==> flow/design.v <==
module ex_registers_rtl #(
    parameter int NREGS = 8,
    parameter int NBITS = 2,
    parameter int AW = $clog2(NREGS)
) (
    input logic clock,
    input logic wr_en,
    input logic [AW-1:0] write_addr,
    input logic [NBITS-1:0] din,
    input logic [AW-1:0] raddr_a,
    input logic [AW-1:0] raddr_b,
    output logic [NBITS-1:0] read_data_a,
    output logic [NBITS-1:0] read_data_b
);
    logic [NBITS-1:0] mem [NREGS-1:0];
    always_ff @(posedge clock) begin
        if (wr_en)
            mem[write_addr] <= din;
    end
    assign read_data_a = mem[raddr_a];
    assign read_data_b = mem[raddr_b];
endmodule
Ticket comment

Tool chain data of ex_registers_rtl
Module ex_registers_rtl in several versions that differ in "NBITS"; each step lists the members.
The file above is the member NBITS=2. Line numbers count from 1 in each member's own file.
Operators carry their Yosys type and port widths (W data, S select, Z words).
Not given: n/a
- design top: ex_registers_rtl
- clock: clock
- cell library: sky130hd
- timing corner: tt_025C_1v80

Members of the sweep
Lines of each other member's file that are new or changed against the file above; lines that a member lacks are not shown.
- new or changed lines (NBITS ; line ; source):
    6 ; 3 ; parameter int NBITS = 6,
    12 ; 3 ; parameter int NBITS = 12,

Elaborated design
Source: Yosys, flattened and elaborated, memories not mapped. Widths are those after wreduce; folded enables and synchronous resets count as part of the registers. Registers that Yosys merges into a memory's read port (data or address) are not register bits. Print and check cells do not count. Equal cells are merged and count once.
Memory sizes are those after Yosys's memory passes, which may raise the word count (mostly to a power of two), join words into wider ones and drop unused or constant bits.
- storage and ports (NBITS ; cells after elaboration ; register bits ; memories kept ; RAM bits):
    2 ; 4 ; 0 ; 1 ; 16
    6 ; 4 ; 0 ; 1 ; 48
    12 ; 4 ; 0 ; 1 ; 96
- operators by class (NBITS ; mux-type cells):
    2 ; 3
    6 ; 3
    12 ; 3
- memories (NBITS ; shape (words x width / read and write ports)):
    2 ; mem 8x2 r2 w1
    6 ; mem 8x6 r2 w1
    12 ; mem 8x12 r2 w1
- operator list (NBITS ; kind and count):
    2 ; 1 x $mux W3; 1 x $mux W2; 1 x $mux W1
    6 ; 1 x $mux W6; 1 x $mux W3; 1 x $mux W1
    12 ; 1 x $mux W12; 1 x $mux W3; 1 x $mux W1

Longest topological paths
Depth = most cells in a row (Yosys ltp): at word level without a register or memory, in the mapped netlist without a sequential cell, where the memories' decode and read muxes count.
- depth (NBITS ; word-level depth ; ABC_AREA ; mapped depth ; gate-level depth less buffers):
    2 ; 1 ; 0 ; 2 ; 2
    6 ; 1 ; 0 ; 3 ; 2
    12 ; 1 ; 0 ; 4 ; 2

Synthesis result
Source: synth_stat.txt of the flow (Yosys; design flattened, memories mapped). It holds for the ABC_AREA given above (unset counts as 0); a run with the other value may have another netlist.
The area totals of this step are shown rounded.
- cell types (NBITS ; type and count):
    2 ; 16 x sky130_fd_sc_hd__edfxtp_1; 8 x sky130_fd_sc_hd__mux4_1; 4 x sky130_fd_sc_hd__mux2_2; 6 x sky130_fd_sc_hd__nor2_1; 3 x sky130_fd_sc_hd__nand2b_1; 2 x sky130_fd_sc_hd__nor3_1; 2 x sky130_fd_sc_hd__nand2_1
    6 ; 48 x sky130_fd_sc_hd__edfxtp_1; 24 x sky130_fd_sc_hd__mux4_1; 12 x sky130_fd_sc_hd__mux2_2; 2 x sky130_fd_sc_hd__buf_6; 6 x sky130_fd_sc_hd__nor2_1; 3 x sky130_fd_sc_hd__nand2b_1; 2 x sky130_fd_sc_hd__nor3_1; 2 x sky130_fd_sc_hd__buf_1; 2 x sky130_fd_sc_hd__clkbuf_1; 2 x sky130_fd_sc_hd__nand2_1
    12 ; 96 x sky130_fd_sc_hd__edfxtp_1; 43 x sky130_fd_sc_hd__mux4_1; 24 x sky130_fd_sc_hd__mux2_2; 5 x sky130_fd_sc_hd__mux4_2; 6 x sky130_fd_sc_hd__buf_6; 6 x sky130_fd_sc_hd__nor2_1; 4 x sky130_fd_sc_hd__buf_2; 3 x sky130_fd_sc_hd__nand2b_1; 4 x sky130_fd_sc_hd__clkbuf_1; 2 x sky130_fd_sc_hd__nor3_1; 2 x sky130_fd_sc_hd__nand2_1
- synthesis totals (NBITS ; cell count ; cell area after synthesis (um^2) ; buffers ; mapped flip-flops ; sequential part of the area (um^2)):
    2 ; 41 ; 795 ; 0 ; 16 ; 480
    6 ; 103 ; 2300 ; 6 ; 48 ; 1440
    12 ; 195 ; 4560 ; 14 ; 96 ; 2880

Worst setup path after synthesis
OpenSTA on the mapped netlist: ideal clock, no wires. The path of least setup slack (recovery checks aside). Input and output delay are each 20% of the period. Register names are those of the netlist, which keeps one name where synthesis merged equal registers.
- timing post-synthesis (NBITS ; kind ; start point ; end point ; stages on the path ; period (ns) ; setup slack (ns) ; path delay (ns) ; period reached after synthesis (ns)):
    2 ; input to output ; input port raddr_a[0] ; output port read_data_a[0] ; 2 ; 1.75 ; 0.248 ; 0.802 ; 1.502
    6 ; input to output ; input port raddr_a[0] ; output port read_data_a[0] ; 3 ; 1.98 ; 0.237 ; 0.951 ; 1.743
    12 ; input to output ; input port raddr_a[0] ; output port read_data_a[10] ; 4 ; 2.25 ; 0.272 ; 1.078 ; 1.978
"path delay" is the arrival time less input delay plus setup time.
A path that ends at an output port has no setup time.
"stages on the path" counts driving pins, that of a launching flip-flop among them; a cell with two outputs on the path counts twice.
"period reached after synthesis" is the clock period less the worst setup slack; recovery checks do not enter. This is arithmetic on one report: input and output delays are still those of the set period (20% each).
The rows between start and end are the longest chain of elaborated cells between them; the timing report does not say that the signal goes this way. Where chains are equally long, one stands for them.
A line is the first line of the expression or statement that the cell stems from. Yosys adds cells for indexed reads and writes and turns some case tables into memories.
A memory read counts as a cell of the chain, while the word-level depth stops at memories.
On the way, post-synthesis, NBITS=2:
- cells in the longest elaborated chain at 1
- RTL lines, path post-synthesis, NBITS=2 (what ; line ; source):
    start: declaration ; 10 ; input logic [AW-1:0] raddr_a,
    $mem_v2 Z8 W2 ; 15 ; logic [NBITS-1:0] mem [NREGS-1:0];
    end: declaration ; 12 ; output logic [NBITS-1:0] read_data_a,
On the way, post-synthesis, NBITS=12:
- cells in the longest elaborated chain at 1
- RTL lines, path post-synthesis, NBITS=12 (what ; line ; source):
    start: declaration ; 10 ; input logic [AW-1:0] raddr_a,
    $mem_v2 Z8 W12 ; 15 ; logic [NBITS-1:0] mem [NREGS-1:0];
    end: declaration ; 12 ; output logic [NBITS-1:0] read_data_a,

Timing after layout
Path of least setup slack in the final report of the run of each member (OpenROAD, finished layout, wires in). Where an end is a register, its clock arrival counts in the times.
- timing post-layout (NBITS ; kind ; start point ; end point ; period (ns) ; setup slack (ns) ; stages on the path ; arrival (ns)):
    2 ; register to output ; memory mem[1][0] ; output port read_data_a[0] ; 1.75 ; -0.16 ; 4 ; 1.56
    6 ; register to output ; memory mem[0][0] ; output port read_data_a[0] ; 1.98 ; -0.01 ; 4 ; 1.59
    12 ; input to output ; input port raddr_b[0] ; output port read_data_b[6] ; 2.25 ; -0.01 ; 5 ; 1.81

Flow runs
One run of the flow (Yosys, OpenROAD) for each member, with settings and measured results. Input and output delays are each 20% of the period that was set; the output load is 0.01 pF.
- noted CAP_MARGIN: 20
- CORE_MARGIN: 2
- CORE_UTILIZATION: 40
- SLEW_MARGIN: 20
- settings by member (NBITS ; period_ns):
    2 ; 1.75
    6 ; 1.98
    12 ; 2.25
- measured results (NBITS ; smallest setup slack (ns) ; worst hold slack (ns) ; standard-cell area of the final layout (um^2) ; cell area after synthesis (um^2) ; die outline area (um^2)):
    2 ; -0.160 ; 0.821 ; 988 ; 795 ; 2360
    6 ; -0.010 ; 0.839 ; 2870 ; 2300 ; 6380
    12 ; -0.009 ; 0.846 ; 5750 ; 4560 ; 12300
The results are shown rounded.
